==> flow/design.v <==
module gen_mem_rtl (sys_clk, i_rst_n, i_wr_en, i_wa, i_d, i_rd_addr, o_dout);
    parameter ENTRIES = 48;
    parameter WD = 2;
    parameter NR = 1;
    parameter NUM_WR = 2;
    localparam AW = $clog2(ENTRIES);
    input sys_clk;
    input i_rst_n;
    input [NUM_WR-1:0] i_wr_en;
    input [NUM_WR*AW-1:0] i_wa;
    input [NUM_WR*WD-1:0] i_d;
    input [NR*AW-1:0] i_rd_addr;
    output [NR*WD-1:0] o_dout;
    reg [NUM_WR-1:0] r_wr_en;
    reg [NUM_WR*AW-1:0] r_wa;
    reg [NUM_WR*WD-1:0] r_d;
    always @(posedge sys_clk or negedge i_rst_n) begin
        if (!i_rst_n) begin
            r_wr_en <= 0;
            r_wa <= 0;
            r_d <= 0;
        end else begin
            r_wr_en <= i_wr_en;
            r_wa <= i_wa;
            r_d <= i_d;
        end
    end
    reg [WD-1:0] store [0:ENTRIES-1];
    integer i;
    always @(posedge sys_clk) begin
        for (i = 0; i < NUM_WR; i = i + 1)
            if (r_wr_en[i]) store[r_wa[i*AW +: AW]] <= r_d[i*WD +: WD];
    end
    reg [NR*AW-1:0] r_rd_addr;
    always @(posedge sys_clk or negedge i_rst_n) begin
        if (!i_rst_n) begin
            r_rd_addr <= 0;
        end else begin
            r_rd_addr <= i_rd_addr;
        end
    end
    wire [NR*WD-1:0] cur;
    genvar m;
    generate
        for (m = 0; m < NR; m = m + 1) begin : gen
            assign cur[m*WD +: WD] = store[r_rd_addr[m*AW +: AW]];
        end
    endgenerate
    assign o_dout = cur;
endmodule
---- Tool chain data of gen_mem_rtl ----
The steps from the RTL of gen_mem_rtl to its reports follow in flow order.
Line numbers count from 1 in the design file above.
Cell names lack the library's common part.
Not given: -
inputs
  top module .............................. gen_mem_rtl
  clock input ............................. sys_clk
  cell library ............................ sky130hd
  corner .................................. tt_025C_1v80

---- Word level ----
Counts by Yosys on the flattened word-level netlist (proc, flatten, opt, wreduce; memories kept). Register bits leave out memories and registers merged into their read ports (data or address); mux counts leave out enables and synchronous resets folded into registers. Print and check cells are left out. Cells with the same type and inputs are merged into one.
Yosys's memory passes give these memory sizes; they may raise the number of words (mostly to a power of two), join words into wider ones and drop unused or constant bits.
word-level totals
  memory bits (writable) .................. 96
  bits in registers ....................... 24
  output and inout port bits .............. 2
  cells after elaboration ................. 11
  memory cells ............................ 1
memory list
  memory  words  width  rd ports  wr ports  RTL line  source
  store   48     2      1         2         28        reg [WD-1:0] store [0:ENTRIES-1];
cells by class
  mux-type cells .......................... 6
operator list
  operator          number
  2-to-1 mux 6 bit  2
  2-to-1 mux 2 bit  2
  2-to-1 mux 1 bit  2

---- Logic depth ----
Yosys ltp: most cells in a row. Word level: on the elaborated netlist, between registers, memories and ports. Mapped: between sequential cells and ports; inverters and the memories' decode and read muxes count.
logic depth
  depth after elaboration ................. 1
  ABC_AREA ................................ 0
  depth in mapped cells ................... 7
  depth with buffers taken out ............ 5

---- Netlist ----
Source: synth_stat.txt of the flow (Yosys; design flattened, memories mapped). It holds for the ABC_AREA given above (unset counts as 0); a run with the other value may have another netlist.
cell types
  cell type  number  area in all (um^2)
  edfxtp_1   96      2.88E+03
  mux2_2     96      1.08E+03
  dfrtp_1    24      600.576
  mux2i_1    32      320.307
  mux4_2     10      225.216
  o22ai_1    26      162.656
  clkbuf_1   35      131.376
  nand2_1    35      131.376
  o21ai_0    24      120.115
  nor2_1     29      108.854
  a221oi_1   6       52.55
  a22o_1     6       52.55
  nand2b_1   6       37.536
  nand4b_1   4       35.034
  or3b_2     4       35.034
  nor2b_1    5       31.28
  a22oi_1    4       30.029
  buf_4      4       30.029
Not listed: further types 13, cells in them 34.
synthesis totals
  cell count .............................. 480
  flip-flops .............................. 120
  buffers ................................. 43
  area of sequential cells ................ 3483.3 um^2
  synthesis area .......................... 6292.3 um^2

---- Worst setup path after synthesis ----
OpenSTA on the mapped netlist: ideal clock, no wires. The path of least setup slack (recovery checks aside). Input and output delay are each 20% of the period. Register names are those of the netlist, which keeps one name where synthesis merged equal registers.
path after synthesis
  path kind ............................... reg-to-output
  start point ............................. register r_rd_addr[1]
  end point ............................... output port o_dout[1]
  buffers on the path ..................... 2
  output delay ............................ 0.578 ns
  launch time at the first pin ............ 0.000 ns
  arrival ................................. 1.851 ns
  setup slack ............................. 0.461 ns
  path delay .............................. 1.851 ns
  clock period ............................ 2.89 ns
  stages .................................. 8
  period reached after synthesis .......... 2.429 ns
"path delay" = arrival - input delay + setup time.
At an output port there is no setup time.
"stages" counts driving pins, that of a launching flip-flop among them; a cell with two outputs on the path counts twice.
"period reached after synthesis" = period - worst setup slack (recovery checks aside). The figure is calculated, with input and output delays left at 20% of the set period.
The rows between start and end are the longest chain of elaborated cells between them; the timing report does not say that the signal goes this way. Where chains are equally long, one stands for them.
A line is the first line of the expression or statement that the cell stems from. Yosys adds cells for indexed reads and writes and turns some case tables into memories.
The chain passes a memory read, where the word-level depth is cut; so it can be longer than that depth.
on the way, after synthesis
  cells stage by stage .................... dfrtp_1 buf_4 and2_1 clkbuf_1 a22o_1 a221oi_1 o22ai_1 o41ai_1
  cells in the longest elaborated chain ... 1
  elaborated cells on any way between the ends .. 1
  classes of those cells .................. memory: 1
ends and longest elaborated chain, after synthesis
  what                 RTL line  source
  start, declared      34        reg [NR*AW-1:0] r_rd_addr;
  start, assigned      37        r_rd_addr <= 0;
  start, assigned      39        r_rd_addr <= i_rd_addr;
  memory (48 x 2 bit)  28        reg [WD-1:0] store [0:ENTRIES-1];
  end, declared        13        output [NR*WD-1:0] o_dout;

---- Path in the finished layout ----
From the final timing report of entry A: the path of least setup slack in the routed layout; clock arrival at registers is part of the times.
path after layout
  path kind ............................... reg-to-output
  start point ............................. register r_rd_addr[0]
  end point ............................... output port o_dout[1]
  clock period ............................ 2.89 ns
  arrival ................................. 2.41 ns
  launch time at the first pin ............ 0.42 ns
  setup slack ............................. -0.10 ns
  buffers on the path ..................... 3
  output delay ............................ 0.58 ns
  stages .................................. 8
The rows between start and end are the longest chain of elaborated cells between them; the timing report does not say that the signal goes this way. Where chains are equally long, one stands for them.
The chain passes a memory read, where the word-level depth is cut; so it can be longer than that depth.
on the way, after layout
  cells stage by stage .................... dfrtp_2 buf_8 buf_6 mux4_2 mux4_2 nand2_2 o41ai_2 buf_2
  cells in the longest elaborated chain ... 1
  elaborated cells on any way between the ends .. 1
  classes of those cells .................. memory: 1
ends and longest elaborated chain, after layout
  what                 RTL line  source
  start, declared      34        reg [NR*AW-1:0] r_rd_addr;
  start, assigned      37        r_rd_addr <= 0;
  start, assigned      39        r_rd_addr <= i_rd_addr;
  memory (48 x 2 bit)  28        reg [WD-1:0] store [0:ENTRIES-1];
  end, declared        13        output [NR*WD-1:0] o_dout;

Memo
Re: implementation data of gen_mem_rtl

Below are 3 stored runs of the flow (Yosys, OpenROAD; platform sky130hd) on gen_mem_rtl, each with its settings and what was measured, unordered. Constraints: input delay and output delay 20% of the set period each, output load 0.01 pF.
"achieved clock period (ns)" means the clock period less the worst setup slack. The figure is calculated, with input and output delays left at 20% of the set period.

Flow files of entry A
==> flow/run.sh <==
#!/bin/bash
# the make line also repeats the synthesis and layout settings of config.mk as NAME=value (left out here)
make -C /OpenROAD-flow-scripts/flow DESIGN_CONFIG=/design/flow/config.mk WORK_HOME=/design/flow/orfs CLKGATE_MAP_FILE= finish
==> flow/config.mk <==
export PLATFORM = sky130hd
export DESIGN_NAME = gen_mem_rtl
export DESIGN_NICKNAME = gen_mem_rtl
export VERILOG_FILES = /design/flow/design.v
export SDC_FILE = /design/flow/constraint.sdc
export NUM_CORES = 4
export LEC_CHECK = 0
export CAP_MARGIN = 20
export CORE_MARGIN = 2
export CORE_UTILIZATION = 40
export SLEW_MARGIN = 20
==> flow/constraint.sdc <==
create_clock -name core_clock -period 2.89 [get_ports {sys_clk}]
set_input_delay 0.5780 -clock core_clock [delete_from_list [all_inputs] [get_ports {sys_clk}]]
set_output_delay 0.5780 -clock core_clock [all_outputs]
set_load 0.01 [all_outputs]

report of entry A
yosys chip area after synthesis (um^2): 6292.3
finish__design__die__area: 16749.5
finish__design__instance__area__stdcell: 7547.2
finish__timing__setup__ws: -0.099
finish__timing__setup__tns: -0.163
finish__timing__hold__ws: 0.530
achieved clock period (ns): 2.989

Flow files of entry B
==> flow/run.sh <==
#!/bin/bash
# the make line also repeats the synthesis and layout settings of config.mk as NAME=value (left out here)
make -C /OpenROAD-flow-scripts/flow DESIGN_CONFIG=/design/flow/config.mk WORK_HOME=/design/flow/orfs CLKGATE_MAP_FILE= finish
==> flow/config.mk <==
export PLATFORM = sky130hd
export DESIGN_NAME = gen_mem_rtl
export DESIGN_NICKNAME = gen_mem_rtl
export VERILOG_FILES = /design/flow/design.v
export SDC_FILE = /design/flow/constraint.sdc
export NUM_CORES = 4
export LEC_CHECK = 0
export CAP_MARGIN = 20
export CELL_PAD_IN_SITES_DETAIL_PLACEMENT = 0
export CORE_MARGIN = 2
export CORE_UTILIZATION = 55
export CTS_CLUSTER_DIAMETER = 293
export CTS_CLUSTER_SIZE = 14
export GPL_ROUTABILITY_DRIVEN = 0
export SETUP_SLACK_MARGIN = 0.04
export SLEW_MARGIN = 20
==> flow/constraint.sdc <==
create_clock -name core_clock -period 1.9 [get_ports {sys_clk}]
set_input_delay 0.3800 -clock core_clock [delete_from_list [all_inputs] [get_ports {sys_clk}]]
set_output_delay 0.3800 -clock core_clock [all_outputs]
set_load 0.01 [all_outputs]

report of entry B
yosys chip area after synthesis (um^2): 6292.3
finish__design__die__area: 12312.1
finish__design__instance__area__stdcell: 7502.2
finish__timing__setup__ws: -0.798
finish__timing__setup__tns: -1.591
finish__timing__hold__ws: 0.229
achieved clock period (ns): 2.698

Flow files of entry C
==> flow/run.sh <==
#!/bin/bash
# the make line also repeats the synthesis and layout settings of config.mk as NAME=value (left out here)
make -C /OpenROAD-flow-scripts/flow DESIGN_CONFIG=/design/flow/config.mk WORK_HOME=/design/flow/orfs CLKGATE_MAP_FILE= finish
==> flow/config.mk <==
export PLATFORM = sky130hd
export DESIGN_NAME = gen_mem_rtl
export DESIGN_NICKNAME = gen_mem_rtl
export VERILOG_FILES = /design/flow/design.v
export SDC_FILE = /design/flow/constraint.sdc
export NUM_CORES = 4
export LEC_CHECK = 0
export CAP_MARGIN = 25
export CORE_MARGIN = 2
export CORE_UTILIZATION = 52
export CTS_CLUSTER_SIZE = 72
export GPL_TIMING_DRIVEN = 0
export MIN_ROUTING_LAYER = met1
export PLACE_DENSITY_LB_ADDON = 0.03
export SETUP_SLACK_MARGIN = 0.28
export SLEW_MARGIN = 20
export TNS_END_PERCENT = 90
==> flow/constraint.sdc <==
create_clock -name core_clock -period 1.83 [get_ports {sys_clk}]
set_input_delay 0.3660 -clock core_clock [delete_from_list [all_inputs] [get_ports {sys_clk}]]
set_output_delay 0.3660 -clock core_clock [all_outputs]
set_load 0.01 [all_outputs]

report of entry C
yosys chip area after synthesis (um^2): 6292.3
finish__design__die__area: 12996.0
finish__design__instance__area__stdcell: 10166.0
finish__timing__setup__ws: -0.988
finish__timing__setup__tns: -2.431
finish__timing__hold__ws: 0.369
achieved clock period (ns): 2.818
